==> flow/design.v <==
module u_switch #(
  parameter integer DATA_WIDTH = 10
) (
  input  wire aclk,
  input  wire rst,
  input  wire [DATA_WIDTH-1:0] i_d_0,
  input  wire [DATA_WIDTH-1:0] i_d_1,
  input  wire [DATA_WIDTH-1:0] i_d_2,
  input  wire [DATA_WIDTH-1:0] i_d_3,
  input  wire [DATA_WIDTH-1:0] i_d_4,
  input  wire [DATA_WIDTH-1:0] i_d_5,
  input  wire [DATA_WIDTH-1:0] i_d_6,
  input  wire [DATA_WIDTH-1:0] i_d_7,
  input  wire [DATA_WIDTH-1:0] i_d_8,
  input  wire [DATA_WIDTH-1:0] i_d_9,
  input  wire [DATA_WIDTH-1:0] i_d_10,
  input  wire [DATA_WIDTH-1:0] i_d_11,
  input  wire [DATA_WIDTH-1:0] i_d_12,
  input  wire [DATA_WIDTH-1:0] i_d_13,
  input  wire [DATA_WIDTH-1:0] i_d_14,
  input  wire [DATA_WIDTH-1:0] i_d_15,
  input  wire [14:0] i_idx,
  output wire [DATA_WIDTH-1:0] o_data_out
);
  reg [DATA_WIDTH-1:0] d_0_q;
  reg [DATA_WIDTH-1:0] d_1_q;
  reg [DATA_WIDTH-1:0] d_2_q;
  reg [DATA_WIDTH-1:0] d_3_q;
  reg [DATA_WIDTH-1:0] d_4_q;
  reg [DATA_WIDTH-1:0] d_5_q;
  reg [DATA_WIDTH-1:0] d_6_q;
  reg [DATA_WIDTH-1:0] d_7_q;
  reg [DATA_WIDTH-1:0] d_8_q;
  reg [DATA_WIDTH-1:0] d_9_q;
  reg [DATA_WIDTH-1:0] d_10_q;
  reg [DATA_WIDTH-1:0] d_11_q;
  reg [DATA_WIDTH-1:0] d_12_q;
  reg [DATA_WIDTH-1:0] d_13_q;
  reg [DATA_WIDTH-1:0] d_14_q;
  reg [DATA_WIDTH-1:0] d_15_q;
  reg [14:0] idx_q;
  reg [DATA_WIDTH-1:0] tmp;
  always @(*) begin
    casez (idx_q)
      15'b??????????????1: tmp = d_0_q;
      15'b?????????????10: tmp = d_1_q;
      15'b????????????100: tmp = d_2_q;
      15'b???????????1000: tmp = d_3_q;
      15'b??????????10000: tmp = d_4_q;
      15'b?????????100000: tmp = d_5_q;
      15'b????????1000000: tmp = d_6_q;
      15'b???????10000000: tmp = d_7_q;
      15'b??????100000000: tmp = d_8_q;
      15'b?????1000000000: tmp = d_9_q;
      15'b????10000000000: tmp = d_10_q;
      15'b???100000000000: tmp = d_11_q;
      15'b??1000000000000: tmp = d_12_q;
      15'b?10000000000000: tmp = d_13_q;
      15'b100000000000000: tmp = d_14_q;
      default: tmp = d_15_q;
    endcase
  end
  assign o_data_out = tmp;
  always @(posedge aclk) begin
    if (rst) begin
      d_0_q <= 0;
      d_1_q <= 0;
      d_2_q <= 0;
      d_3_q <= 0;
      d_4_q <= 0;
      d_5_q <= 0;
      d_6_q <= 0;
      d_7_q <= 0;
      d_8_q <= 0;
      d_9_q <= 0;
      d_10_q <= 0;
      d_11_q <= 0;
      d_12_q <= 0;
      d_13_q <= 0;
      d_14_q <= 0;
      d_15_q <= 0;
      idx_q <= 0;
    end else begin
      d_0_q <= i_d_0;
      d_1_q <= i_d_1;
      d_2_q <= i_d_2;
      d_3_q <= i_d_3;
      d_4_q <= i_d_4;
      d_5_q <= i_d_5;
      d_6_q <= i_d_6;
      d_7_q <= i_d_7;
      d_8_q <= i_d_8;
      d_9_q <= i_d_9;
      d_10_q <= i_d_10;
      d_11_q <= i_d_11;
      d_12_q <= i_d_12;
      d_13_q <= i_d_13;
      d_14_q <= i_d_14;
      d_15_q <= i_d_15;
      idx_q <= i_idx;
    end
  end
endmodule
Reports on u_switch
What the tools print for u_switch, step after step.
Lines are those of the file above, counted from 1.
Cell names lack the library's common part.
A cell with n/a has no value.

set-up
  top module = u_switch
  clock input = aclk
  cell library = sky130hd
  library corner = tt_025C_1v80

After elaboration
Source: Yosys, flattened and elaborated, memories not mapped. Widths are those after wreduce; folded enables and synchronous resets count as part of the registers. Registers that Yosys merges into a memory's read port (data or address) are not register bits. Print and check cells do not count. Equal cells are merged and count once.

bit counts
  register bits after elaboration = 175
  bits of input ports = 177
  elaborated cells = 32
  output and inout bits = 10

operators by class
  muxes and demuxes = 1
  equality and inequality tests = 14

operators by type and width
  kind                                  count
  case mux 10 bit (select 15 bit)       1
  equality test 15 bit with constant B  1
  equality test 14 bit with constant B  1
  equality test 13 bit with constant B  1
  equality test 12 bit with constant B  1
  equality test 11 bit with constant B  1
  equality test 10 bit with constant B  1
  equality test 9 bit with constant B   1
  equality test 8 bit with constant B   1
  equality test 7 bit with constant B   1
  equality test 6 bit with constant B   1
  equality test 5 bit with constant B   1
  equality test 4 bit with constant B   1
  equality test 3 bit with constant B   1
  equality test 2 bit with constant B   1

Logic depth
Yosys ltp: most cells in a row. Word level: on the elaborated netlist, between registers, memories and ports. Mapped: between sequential cells and ports; inverters and the memories' decode and read muxes count.

depth
  depth after elaboration = 2
  ABC_AREA = 0
  mapped depth = 7
  gate-level depth less buffers = 5

Synthesis result
The flow's flattened synthesis, as Yosys stat reports it; memories are mapped. The netlist is that of the ABC_AREA named above (0 if unset); the other value can give another one.
The area totals of this step are shown rounded.

mapped netlist
  standard cells after synthesis = 599
  chip area (Yosys) = 0.006091 mm²
  sequential part of the area = 0.003503 mm²
  flip-flops = 175

cells by type
  type       count
  dfxtp_1    175
  nor2b_1    181
  a221oi_1   19
  a22oi_1    18
  clkbuf_1   31
  nand2_1    30
  a21oi_1    20
  o22ai_2    8
  o21ai_0    18
  a2111oi_0  9
  nand3b_1   10
  a21o_1     9
  a31oi_1    10
  nand3_1    9
  inv_1      10
  nor2_1     10
  buf_1      9
  nor4b_2    2

Other cell types: 18; their cells: 21.

Path before layout
OpenSTA on the mapped netlist: ideal clock, no wires. The path of least setup slack (recovery checks aside). Input and output delay are each 20% of the period. Register names are those of the netlist, which keeps one name where synthesis merged equal registers.

timing path after synthesis
  kind = register -> output
  start point = register idx_q[1]
  end point = output port o_data_out[8]
  path buffers = 2
  period = 2980 ps
  delay of the path = 1909 ps
  required time = 2384 ps
  driving pins on the path = 8
  path slack = 475 ps
  data arrival time = 1909 ps
  synthesis period reached = 2505 ps

"delay of the path" = arrival - input delay + setup time.
A path that ends at an output port has no setup time.
"driving pins on the path": output pins that drive a net of the path, with the launching flip-flop's if there is one; two outputs of one cell count as two.
"synthesis period reached" = period - worst setup slack (recovery checks aside). The figure is calculated, with input and output delays left at 20% of the set period.
The rows between start and end are the longest chain of elaborated cells between them; the timing report does not say that the signal goes this way. Where chains are equally long, one stands for them.
A line is the first line of the expression or statement that the cell stems from. Yosys adds cells for indexed reads and writes and turns some case tables into memories.

on the way, after synthesis
  path through = dfxtp_1 > or4_4 > or3_1 > buf_6 > buf_6 > a21oi_2 > a2111oi_0 > a31oi_1
  length of the longest elaborated chain = 2

ends and longest elaborated chain, after synthesis
  element                          line  source
  from (decl)                      41    reg [14:0] idx_q;
  from (assign)                    82    idx_q <= 0;
  from (assign)                    100   idx_q <= i_idx;
  equality test 15 bit             44    casez (idx_q)
  case mux 10 bit (select 15 bit)  44
  to (decl)                        23    output wire [DATA_WIDTH-1:0] o_data_out

Worst path after layout
Path of least setup slack in the final report of flow run 2 (OpenROAD, finished layout, wires in). Where an end is a register, its clock arrival counts in the times.
The path's times are printed in steps of 10 ps; the period is the one set.

timing path post-layout
  kind = register -> output
  start point = register idx_q[0]
  end point = output port o_data_out[4]
  data arrival time = 2430 ps
  path buffers = 2
  period = 2980 ps
  required time = 2380 ps
  path slack = -50 ps
  driving pins on the path = 8

The rows between start and end are the longest chain of elaborated cells between them; the timing report does not say that the signal goes this way. Where chains are equally long, one stands for them.

on the way, post-layout
  path through = dfxtp_1 > or4_4 > or3_4 > buf_12 > a21oi_2 > a2111oi_0 > a31oi_1 > buf_2
  length of the longest elaborated chain = 2

ends and longest elaborated chain, post-layout
  element                          line  source
  from (decl)                      41    reg [14:0] idx_q;
  from (assign)                    82    idx_q <= 0;
  from (assign)                    100   idx_q <= i_idx;
  equality test 15 bit             44    casez (idx_q)
  case mux 10 bit (select 15 bit)  44
  to (decl)                        23    output wire [DATA_WIDTH-1:0] o_data_out

Memo
Re: implementation data of u_switch

Design u_switch on sky130hd. What follows are 3 stored runs of the flow, each under its own settings; their order means nothing. The constraints put input and output delay at 20% of the set period each and load the outputs with 0.01 pF.
"time on the worst setup path" is the time allowed to the run's worst setup path (the clock period less input and output delay, where it has them) less its slack. Clock arrival times count: a late capture clock shortens it, a late launch clock lengthens it.
"total power after layout" rests on the timing tool's default activity at the inputs, not on a simulated workload.
"time on the worst setup path" is known to 10 ps.
The measured numbers are rounded.
A setting shown as . is not set for that run.
Among the results, . means that no value is shown for the run.

name                                 flow run 1  flow run 2          flow run 3
period_ns                            2.59        2.98                2.68
CORE_UTILIZATION                     50          40                  49
PLACE_DENSITY                        0.87        .                   .
HOLD_SLACK_MARGIN                    -0.05       .                   .
CORE_MARGIN                          8           2                   2
CELL_PAD_IN_SITES_GLOBAL_PLACEMENT   1           .                   .
CELL_PAD_IN_SITES_DETAIL_PLACEMENT   2           .                   0
TNS_END_PERCENT                      40          .                   80
ABC_AREA                             0           .                   0
GPL_TIMING_DRIVEN                    0           .                   1
GPL_ROUTABILITY_DRIVEN               0           .                   .
CTS_CLUSTER_DIAMETER                 115         .                   .
CAP_MARGIN                           10          20                  20
SLEW_MARGIN                          20          20                  20
SETUP_SLACK_MARGIN                   .           .                   0.27
CTS_CLUSTER_SIZE                     .           .                   38
MIN_ROUTING_LAYER                    .           .                   met2
std-cell area (final layout) (mm²)   .           0.009131            0.009089
post-route worst hold slack (ps)     .           702                 617
total power after layout (uW)        .           5606                5835
die outline area (mm²)               .           0.01623             0.01334
worst setup slack after layout (ps)  .           -46                 -493
chip area in the Yosys report (mm²)  .           0.006091            0.006091
time on the worst setup path (ps)    .           2430                2640
critical path kind                   .           register -> output  register -> output
total negative setup slack (ps)      .           -217                -4174

Flow run 1: stopped before the end: placement reported DPL-0033
